==> flow/design.v <==
module gen_arith_add_rtl #(
    parameter integer WD = 36
) (
    input  logic core_clk,
    input  logic srst,
    input  logic step,
    input  logic [WD-1:0] u,
    input  logic [WD-1:0] v,
    input  logic cy_in,
    output logic [WD-1:0] res,
    output logic cy
);
    logic [WD-1:0] t;
    logic c;
    always_comb begin
        c = cy_in;
        for (int i = 0; i < WD; i++) begin
            t[i] = u[i] ^ v[i] ^ c;
            c = (u[i] & v[i]) | (c & (u[i] | v[i]));
        end
    end
    always_ff @(posedge core_clk or posedge srst) begin
        if (srst) begin
            res <= '0;
        end else if (step) begin
            res <= t;
        end
    end
    always_ff @(posedge core_clk or posedge srst) begin
        if (srst) begin
            cy <= 1'b0;
        end else if (step) begin
            cy <= c;
        end
    end
endmodule
* Step by step through the tools: gen_arith_add_rtl
What the tools print for gen_arith_add_rtl, step after step.
Lines are those of the file above, counted from 1.
Operators: Yosys type, input widths -> output width; for muxes data width and select width s.
Library cell names are shortened.
A cell with n/a has no value.
- Design top :: gen_arith_add_rtl
- Clock input :: core_clk
- Standard-cell library :: sky130hd
- Timing corner :: tt_025C_1v80

* Elaborated design
Yosys after proc, flatten, opt, wreduce and memory -nomap, before mapping. Enables and synchronous resets that opt folds into registers are not counted as muxes. Memory bits, and registers merged into a memory's read port (data or address), are not among the register bits. Print and check cells are not counted. Equal cells are merged and count once.
- Bitwise operators :: 216
** Operators by type and width (number)
- $and 1x1->1 :: 72
- $or 1x1->1 :: 72
- $xor 1x1->1 :: 72
- Elaborated cells :: 218
- Input bits :: 76
- Output and inout port bits :: 37
- Bits in registers :: 37

* Longest topological paths
Yosys ltp: most cells in a row. Word level: on the elaborated netlist, between registers, memories and ports. Mapped: between sequential cells and ports; inverters and the memories' decode and read muxes count.
- Depth in word-level cells :: 73
- ABC_AREA :: 0
- Mapped depth :: 40
- Gate-level depth less buffers :: 40

* Mapped cells and area
Source: synth_stat.txt of the flow (Yosys; design flattened, memories mapped). It holds for the ABC_AREA given above (unset counts as 0); a run with the other value may have another netlist.
Totals and module areas in this step are rounded.
** Cell types
- dfrtp_1 :: number 37, area in all 925.888 µm²
- fa_1 :: number 36, area in all 720.691 µm²
- mux2_2 :: number 34, area in all 382.867 µm²
- buf_6 :: number 4, area in all 45.043 µm²
- inv_1 :: number 8, area in all 30.029 µm²
- a21oi_1 :: number 3, area in all 15.014 µm²
- nor2_1 :: number 3, area in all 11.261 µm²
- Buffer cells :: 4
- Sequential area :: 926 µm²
- Flip-flops :: 37
- Chip area (Yosys) :: 2130 µm²
- Cells in the netlist :: 125

* Path before layout
Path of least setup slack by OpenSTA after synthesis, without wires, with an ideal clock, recovery checks aside; 20% of the period is set as input and as output delay. Where synthesis merged equal registers, the netlist keeps one of their names.
- Path type :: in2reg
- Start point :: input port u[0]
- End point :: register res[35]
- Delay of the path :: 13815 ps
- Path buffers :: 0
- Clock period :: 21600 ps
- Slack :: 3464 ps
- Arrival :: 18058 ps
- Stages :: 40
- Data required time :: 21523 ps
- Input delay :: 4320 ps
- Time at the first pin :: 4320 ps
- Library setup time :: 77 ps
- Synthesis period reached :: 18136 ps
"delay of the path" = arrival - input delay + setup time.
"stages": output pins that drive a net of the path, with the launching flip-flop's if there is one; two outputs of one cell count as two.
"synthesis period reached" is the clock period less the worst setup slack; recovery checks do not enter. This is arithmetic on one report: input and output delays are still those of the set period (20% each).
Between the ends stands the longest chain of elaborated cells between them, by number of cells; it is not shown to be the way that was timed. Of several equally long chains one is given.
A line is the first line of the expression or statement that the cell stems from. Yosys adds cells for indexed reads and writes and turns some case tables into memories.
- Cells stage by stage :: fa_1 fa_1 fa_1 fa_1 fa_1 fa_1 fa_1 fa_1 fa_1 fa_1 fa_1 fa_1 fa_1 fa_1 fa_1 fa_1 fa_1 fa_1 (+4 left out) fa_1 fa_1 fa_1 fa_1 fa_1 fa_1 fa_1 fa_1 fa_1 fa_1 fa_1 inv_1 fa_1 inv_1 fa_1 inv_1 fa_1 a21oi_1
- Length of the longest elaborated chain :: 72
- Elaborated cells on any way between the ends :: 73
- Source lines of those cells :: 2
- Those cells by class :: logic: 73
** RTL lines, path after synthesis
- start, declared :: RTL line 7 : input  logic [WD-1:0] u,
- $or 1x1->1 :: RTL line 19 : c = (u[i] & v[i]) | (c & (u[i] | v[i]));
- $and 1x1->1 :: RTL line 19
- $or 1x1->1 :: RTL line 19
- $and 1x1->1 :: RTL line 19
- $or 1x1->1 :: RTL line 19
- $and 1x1->1 :: RTL line 19
- $or 1x1->1 :: RTL line 19
- (+58 left out)
- $and 1x1->1 :: RTL line 19
- $or 1x1->1 :: RTL line 19
- $and 1x1->1 :: RTL line 19
- $or 1x1->1 :: RTL line 19
- $and 1x1->1 :: RTL line 19
- $or 1x1->1 :: RTL line 19
- $xor 1x1->1 :: RTL line 18 : t[i] = u[i] ^ v[i] ^ c;
- end, assigned :: RTL line 24 : res <= '0;
- end, assigned :: RTL line 26 : res <= t;
- end, declared :: RTL line 10 : output logic [WD-1:0] res,

* Timing after layout
Path of least setup slack in the final report of run A (OpenROAD, finished layout, wires in). Where an end is a register, its clock arrival counts in the times.
The path's times are printed in steps of 10 ps; the period is the one set.
- Path type :: in2reg
- Start point :: input port u[0]
- End point :: register res[35]
- Stages :: 41
- Clock period :: 21600 ps
- Slack :: 2730 ps
- Data required time :: 21800 ps
- Path buffers :: 1
- Input delay :: 4320 ps
- Arrival :: 19080 ps
- Library setup time :: 80 ps
- Time at the first pin :: 4320 ps
Between the ends stands the longest chain of elaborated cells between them, by number of cells; it is not shown to be the way that was timed. Of several equally long chains one is given.
- Cells stage by stage :: clkdlybuf4s50_1 fa_1 fa_1 fa_1 fa_1 fa_1 fa_1 fa_1 fa_1 fa_1 fa_1 fa_1 fa_1 fa_1 fa_1 fa_1 fa_1 fa_1 (+5 left out) fa_1 fa_1 fa_1 fa_1 fa_1 fa_1 fa_1 fa_1 fa_1 fa_1 fa_1 inv_1 fa_1 inv_1 fa_1 inv_1 fa_1 a21oi_1
- Length of the longest elaborated chain :: 72
- Elaborated cells on any way between the ends :: 73
- Source lines of those cells :: 2
- Those cells by class :: logic: 73
** RTL lines, path after layout
- start, declared :: RTL line 7 : input  logic [WD-1:0] u,
- $or 1x1->1 :: RTL line 19 : c = (u[i] & v[i]) | (c & (u[i] | v[i]));
- $and 1x1->1 :: RTL line 19
- $or 1x1->1 :: RTL line 19
- $and 1x1->1 :: RTL line 19
- $or 1x1->1 :: RTL line 19
- $and 1x1->1 :: RTL line 19
- $or 1x1->1 :: RTL line 19
- (+58 left out)
- $and 1x1->1 :: RTL line 19
- $or 1x1->1 :: RTL line 19
- $and 1x1->1 :: RTL line 19
- $or 1x1->1 :: RTL line 19
- $and 1x1->1 :: RTL line 19
- $or 1x1->1 :: RTL line 19
- $xor 1x1->1 :: RTL line 18 : t[i] = u[i] ^ v[i] ^ c;
- end, assigned :: RTL line 24 : res <= '0;
- end, assigned :: RTL line 26 : res <= t;
- end, declared :: RTL line 10 : output logic [WD-1:0] res,

Stored flow runs of gen_arith_add_rtl (3 of them; Yosys, OpenROAD, sky130hd). They differ in their settings and are not a sequence. Constraints: input delay and output delay 20% of the set period each, output load 0.01 pF.
"clock period reached" = clock period - worst setup slack. The figure is calculated, with input and output delays left at 20% of the set period.
By "allowed time less slack (worst setup path)" is meant the share of the clock period that the worst setup path is allowed (20% is reserved at inputs, 20% at outputs), minus its slack. Clock arrival times at its registers enter into it.
"total power of the final layout" rests on the timing tool's default activity at the inputs, not on a simulated workload.
"allowed time less slack (worst setup path)" is given in steps of 10 ps.
Values from the reports are rounded here.

** Run A
- Settings :: period_ns=21.6; CAP_MARGIN=20; CORE_MARGIN=2; CORE_UTILIZATION=40; SLEW_MARGIN=20
- Synthesis area :: 2130 µm²
- Area inside the die boundary :: 5930 µm²
- Utilization in the final report :: 65.7 %
- Setup slack of the worst path :: 2730 ps
- Total power of the final layout :: 234 µW
- Clock period reached :: 18871 ps
- Allowed time less slack (worst setup path) :: 14550 ps
- Kind of the worst setup path :: in2reg

** Run B
- Settings :: period_ns=18.2; CORE_UTILIZATION=64; PLACE_DENSITY_LB_ADDON=0.06; CORE_ASPECT_RATIO=1.95; TNS_END_PERCENT=75; ABC_AREA=0; CTS_CLUSTER_SIZE=16; CAP_MARGIN=35; MIN_ROUTING_LAYER=met2; CORE_MARGIN=2; SLEW_MARGIN=20
- Outcome :: did not finish, placement stopped with FLW-0024

** Run C
- Settings :: period_ns=11.6; CORE_UTILIZATION=31; SETUP_SLACK_MARGIN=3.26; PLACE_DENSITY_LB_ADDON=0.07; CELL_PAD_IN_SITES_GLOBAL_PLACEMENT=0; TNS_END_PERCENT=20; ABC_AREA=0; CAP_MARGIN=0; SLEW_MARGIN=40; MIN_ROUTING_LAYER=met2; CORE_MARGIN=2
- Synthesis area :: 2130 µm²
- Area inside the die boundary :: 7550 µm²
- Utilization in the final report :: 52.0 %
- Setup slack of the worst path :: -3370 ps
- Total power of the final layout :: 447 µW
- Clock period reached :: 14973 ps
- Allowed time less slack (worst setup path) :: 12650 ps
- Kind of the worst setup path :: in2reg
